==> flow/design.v <==
module adder_blk (ck, rst_i, a_i, b_i, carry_in_i, o_o, co_o);
  parameter integer BITS = 6;
  input ck;
  input rst_i;
  input [BITS-1:0] a_i;
  input [BITS-1:0] b_i;
  input carry_in_i;
  output [BITS-1:0] o_o;
  output co_o;
  reg [BITS-1:0] a_reg;
  reg [BITS-1:0] b_reg;
  reg carry_in_reg;
  wire [BITS-1:0] r;
  wire [BITS:0] cc;
  assign cc[0] = carry_in_reg;
  genvar g;
  generate
    for (g = 0; g < BITS; g = g + 1) begin : gen
      adder_blk_full_adder el (.a(a_reg[g]), .b(b_reg[g]), .ci(cc[g]), .s(r[g]), .co(cc[g+1]));
    end
  endgenerate
  assign o_o = r;
  assign co_o = cc[BITS];
  always @(posedge ck) begin
    if (rst_i) begin
      a_reg <= 0;
      b_reg <= 0;
      carry_in_reg <= 1'b0;
    end else begin
      a_reg <= a_i;
      b_reg <= b_i;
      carry_in_reg <= carry_in_i;
    end
  end
endmodule
module adder_blk_full_adder (
  input wire a,
  input wire b,
  input wire ci,
  output wire s,
  output wire co
);
  wire p = a ^ b;
  assign s = p ^ ci;
  assign co = p ? ci : a;
endmodule
# Step by step through the tools: adder_blk
# What the tools print for adder_blk, step after step.
# Line numbers count from 1 in the design file above.
# Cell names lack the library's common part.
design:
  top: "adder_blk"
  clock: "ck"
  library: "sky130hd"
  corner: "tt_025C_1v80"

# Word level
# Counts by Yosys on the flattened word-level netlist (proc, flatten, opt, wreduce; memories kept). Register bits leave out memories and registers merged into their read ports (data or address); mux counts leave out enables and synchronous resets folded into registers. Print and check cells are left out. Cells with the same type and inputs are merged into one.
word_totals:
  reg_bits: 13
  in_bits: 15
  elab_cells: 21
classes:
  mux: 6
  bitwise: 12
ops:
  columns: ["op", "n"]
  rows:
  - ["1-bit XOR", 12]
  - ["1-bit 2-to-1 mux", 6]

# Longest topological paths
# Depth = most cells in a row (Yosys ltp): at word level without a register or memory, in the mapped netlist without a sequential cell, where the memories' decode and read muxes count.
logic_depth:
  word_depth: 7
  abc_area: 0
  depth_mapped: 6
  mapped_depth_nobuf: 5

# Mapped cells and area
# Source: synth_stat.txt of the flow (Yosys; design flattened, memories mapped). It holds for the ABC_AREA given above (unset counts as 0); a run with the other value may have another netlist.
mapped:
  cells: 57
  synth_area_um2: 600.6
  flip_flops: 13
  buffers: 7
types:
  columns: ["cell_type", "n", "type_area_um2"]
  rows:
  - ["dfxtp_1", 13, 260.25]
  - ["xnor2_1", 12, 105.101]
  - ["nor2b_1", 13, 81.328]
  - ["buf_4", 6, 45.043]
  - ["maj3_2", 2, 22.522]
  - ["a22o_1", 2, 17.517]
  - ["a221oi_2", 1, 15.014]
  - ["maj3_1", 1, 10.01]
  - ["o22a_1", 1, 8.758]
  - ["a211oi_1", 1, 7.507]
  - ["a21o_1", 1, 7.507]
  - ["o21a_1", 1, 7.507]
  - ["nor3_1", 1, 5.005]
  - ["clkbuf_1", 1, 3.754]
  - ["nor2_1", 1, 3.754]
# The figures by module come from a second, unflattened synthesis with its own total; it is not the netlist above.
hier_totals:
  hier_cells: 39
  area_unflattened_um2: 598.1
# Each row is one instance without its submodules.
by_module:
  columns: ["mod", "n_inst", "cells", "mod_area_um2"]
  rows:
  - ["adder_blk", 1, 27, 395.4]
  - ["adder_blk_full_adder", 6, 2, 33.8]

# Path before layout
# Path of least setup slack by OpenSTA after synthesis, without wires, with an ideal clock, recovery checks aside; 20% of the period is set as input and as output delay. Where synthesis merged equal registers, the netlist keeps one of their names.
synth_timing:
  path_type: "register to output"
  startpoint: "register a_reg[0]"
  endpoint: "output co_o"
  tclk_ns: 2.38
  output_delay_ns: 0.476
  t_first_pin_ns: 0.000
  arrival_time_ns: 1.526
  slack_ns: 0.378
  path_delay_ns: 1.526
  stages: 6
  path_buffers: 0
  synth_period_reached_ns: 2.002
# "path_delay_ns" is the arrival time less input delay plus setup time.
# At an output port there is no setup time.
# "stages" counts driving pins, that of a launching flip-flop among them; a cell with two outputs on the path counts twice.
# "synth_period_reached_ns" = period - worst setup slack (recovery checks aside). The figure is calculated, with input and output delays left at 20% of the set period.
# The rows between start and end are the longest chain of elaborated cells between them; the timing report does not say that the signal goes this way. Where chains are equally long, one stands for them.
# Each line given opens the expression or statement behind the cell; cells for indexed reads and writes are added by Yosys, which also makes memories of some case tables.
synth_via:
  cell_sequence: "dfxtp_1 -> o22a_1 -> a221oi_2 -> nor3_1 -> maj3_2 -> maj3_2"
  elab_chain_cells: 7
  cone_cells: 7
  lines_between: 2
  classes_between: "6 x mux; 1 x logic"
synth_rtl:
  columns: ["element", "line", "rtl"]
  rows:
  - ["from (decl)", 10, "reg [BITS-1:0] a_reg;"]
  - ["from (assign)", 26, "a_reg <= 0;"]
  - ["from (assign)", 30, "a_reg <= a_i;"]
  - ["1-bit XOR", 43, "wire p = a ^ b;"]
  - ["1-bit 2-to-1 mux x6", 45, "assign co = p ? ci : a;"]
  - ["to (decl)", 9, "output co_o;"]

# Timing after layout
# Path of least setup slack in the final report of record 1 (OpenROAD, finished layout, wires in). Where an end is a register, its clock arrival counts in the times.
layout_timing:
  path_type: "register to output"
  startpoint: "register b_reg[0]"
  endpoint: "output co_o"
  tclk_ns: 2.38
  output_delay_ns: 0.48
  t_first_pin_ns: 0.26
  arrival_time_ns: 1.92
  slack_ns: -0.01
  stages: 7
  path_buffers: 1
# The rows between start and end are the longest chain of elaborated cells between them; the timing report does not say that the signal goes this way. Where chains are equally long, one stands for them.
layout_via:
  cell_sequence: "dfxtp_2 -> o22a_1 -> a221oi_2 -> nor3_2 -> maj3_2 -> maj3_2 -> buf_6"
  elab_chain_cells: 7
  cone_cells: 7
  lines_between: 2
  classes_between: "6 x mux; 1 x logic"
layout_rtl:
  columns: ["element", "line", "rtl"]
  rows:
  - ["from (decl)", 11, "reg [BITS-1:0] b_reg;"]
  - ["from (assign)", 27, "b_reg <= 0;"]
  - ["from (assign)", 31, "b_reg <= b_i;"]
  - ["1-bit XOR", 43, "wire p = a ^ b;"]
  - ["1-bit 2-to-1 mux x6", 45, "assign co = p ? ci : a;"]
  - ["to (decl)", 9, "output co_o;"]

# Settings and measured results of 3 stored flow runs for module adder_blk (sky130hd), not sorted in any way. The constraints put input and output delay at 20% of the set period each and load the outputs with 0.01 pF.
# "achieved_clock_period_ns" means the clock period less the worst setup slack. The figure is calculated, with input and output delays left at 20% of the set period.
# "worst_path_time_ns" = time allowed to the worst setup path (clock period - input delay - output delay, where it has them) - its slack; a late launch clock adds to it, a late capture clock takes from it.
# "final_power_w" is the tool's figure for a default switching activity; nothing was simulated.
runs:
  - name: "record 1"
    settings:
      period_ns: 2.38
      CAP_MARGIN: 20
      CORE_MARGIN: 2
      CORE_UTILIZATION: 40
      SLEW_MARGIN: 20
    results:
      layout_stdcell_area_um2: 873.3
      worst_path_time_ns: 1.92
      timing.worst_path_kind: "register to output"
      hold_worst_slack_ns: 0.760
      achieved_clock_period_ns: 2.392
      final_power_w: 0.000482
      final_setup_ws_ns: -0.012
      total_die_area_um2: 1827.6
      util_pct: 64.7
      setup_tns_ns: -0.012
      ys_area_um2: 600.6
  - name: "record 2"
    settings:
      period_ns: 1.28
      CORE_UTILIZATION: 44
      SETUP_SLACK_MARGIN: 0.01
      PLACE_DENSITY_LB_ADDON: 0.02
      CORE_MARGIN: 2
      GPL_TIMING_DRIVEN: 0
      CTS_CLUSTER_SIZE: 34
      CAP_MARGIN: 15
      SLEW_MARGIN: 20
    results:
      achieved_clock_period_ns: 2.171
      total_die_area_um2: 1676.5
      final_power_w: 0.000941
      worst_path_time_ns: 1.91
      timing.worst_path_kind: "register to output"
      ys_area_um2: 600.6
      layout_stdcell_area_um2: 912.1
      util_pct: 71.0
      final_setup_ws_ns: -0.891
      setup_tns_ns: -4.478
      hold_worst_slack_ns: 0.538
  - name: "record 3"
    settings:
      period_ns: 3.12
      CORE_UTILIZATION: 38
      SETUP_SLACK_MARGIN: 0.76
      PLACE_DENSITY: 0.95
      CELL_PAD_IN_SITES_DETAIL_PLACEMENT: 1
      CTS_CLUSTER_SIZE: 93
      CAP_MARGIN: 5
      CORE_MARGIN: 2
      SLEW_MARGIN: 20
    results:
      final_power_w: 0.0003683
      util_pct: 56.6
      ys_area_um2: 600.6
      layout_stdcell_area_um2: 843.3
      hold_worst_slack_ns: 0.900
      final_setup_ws_ns: 0.585
      achieved_clock_period_ns: 2.535
      worst_path_time_ns: 1.91
      timing.worst_path_kind: "register to output"
      total_die_area_um2: 1914.5
      setup_tns_ns: 0.000
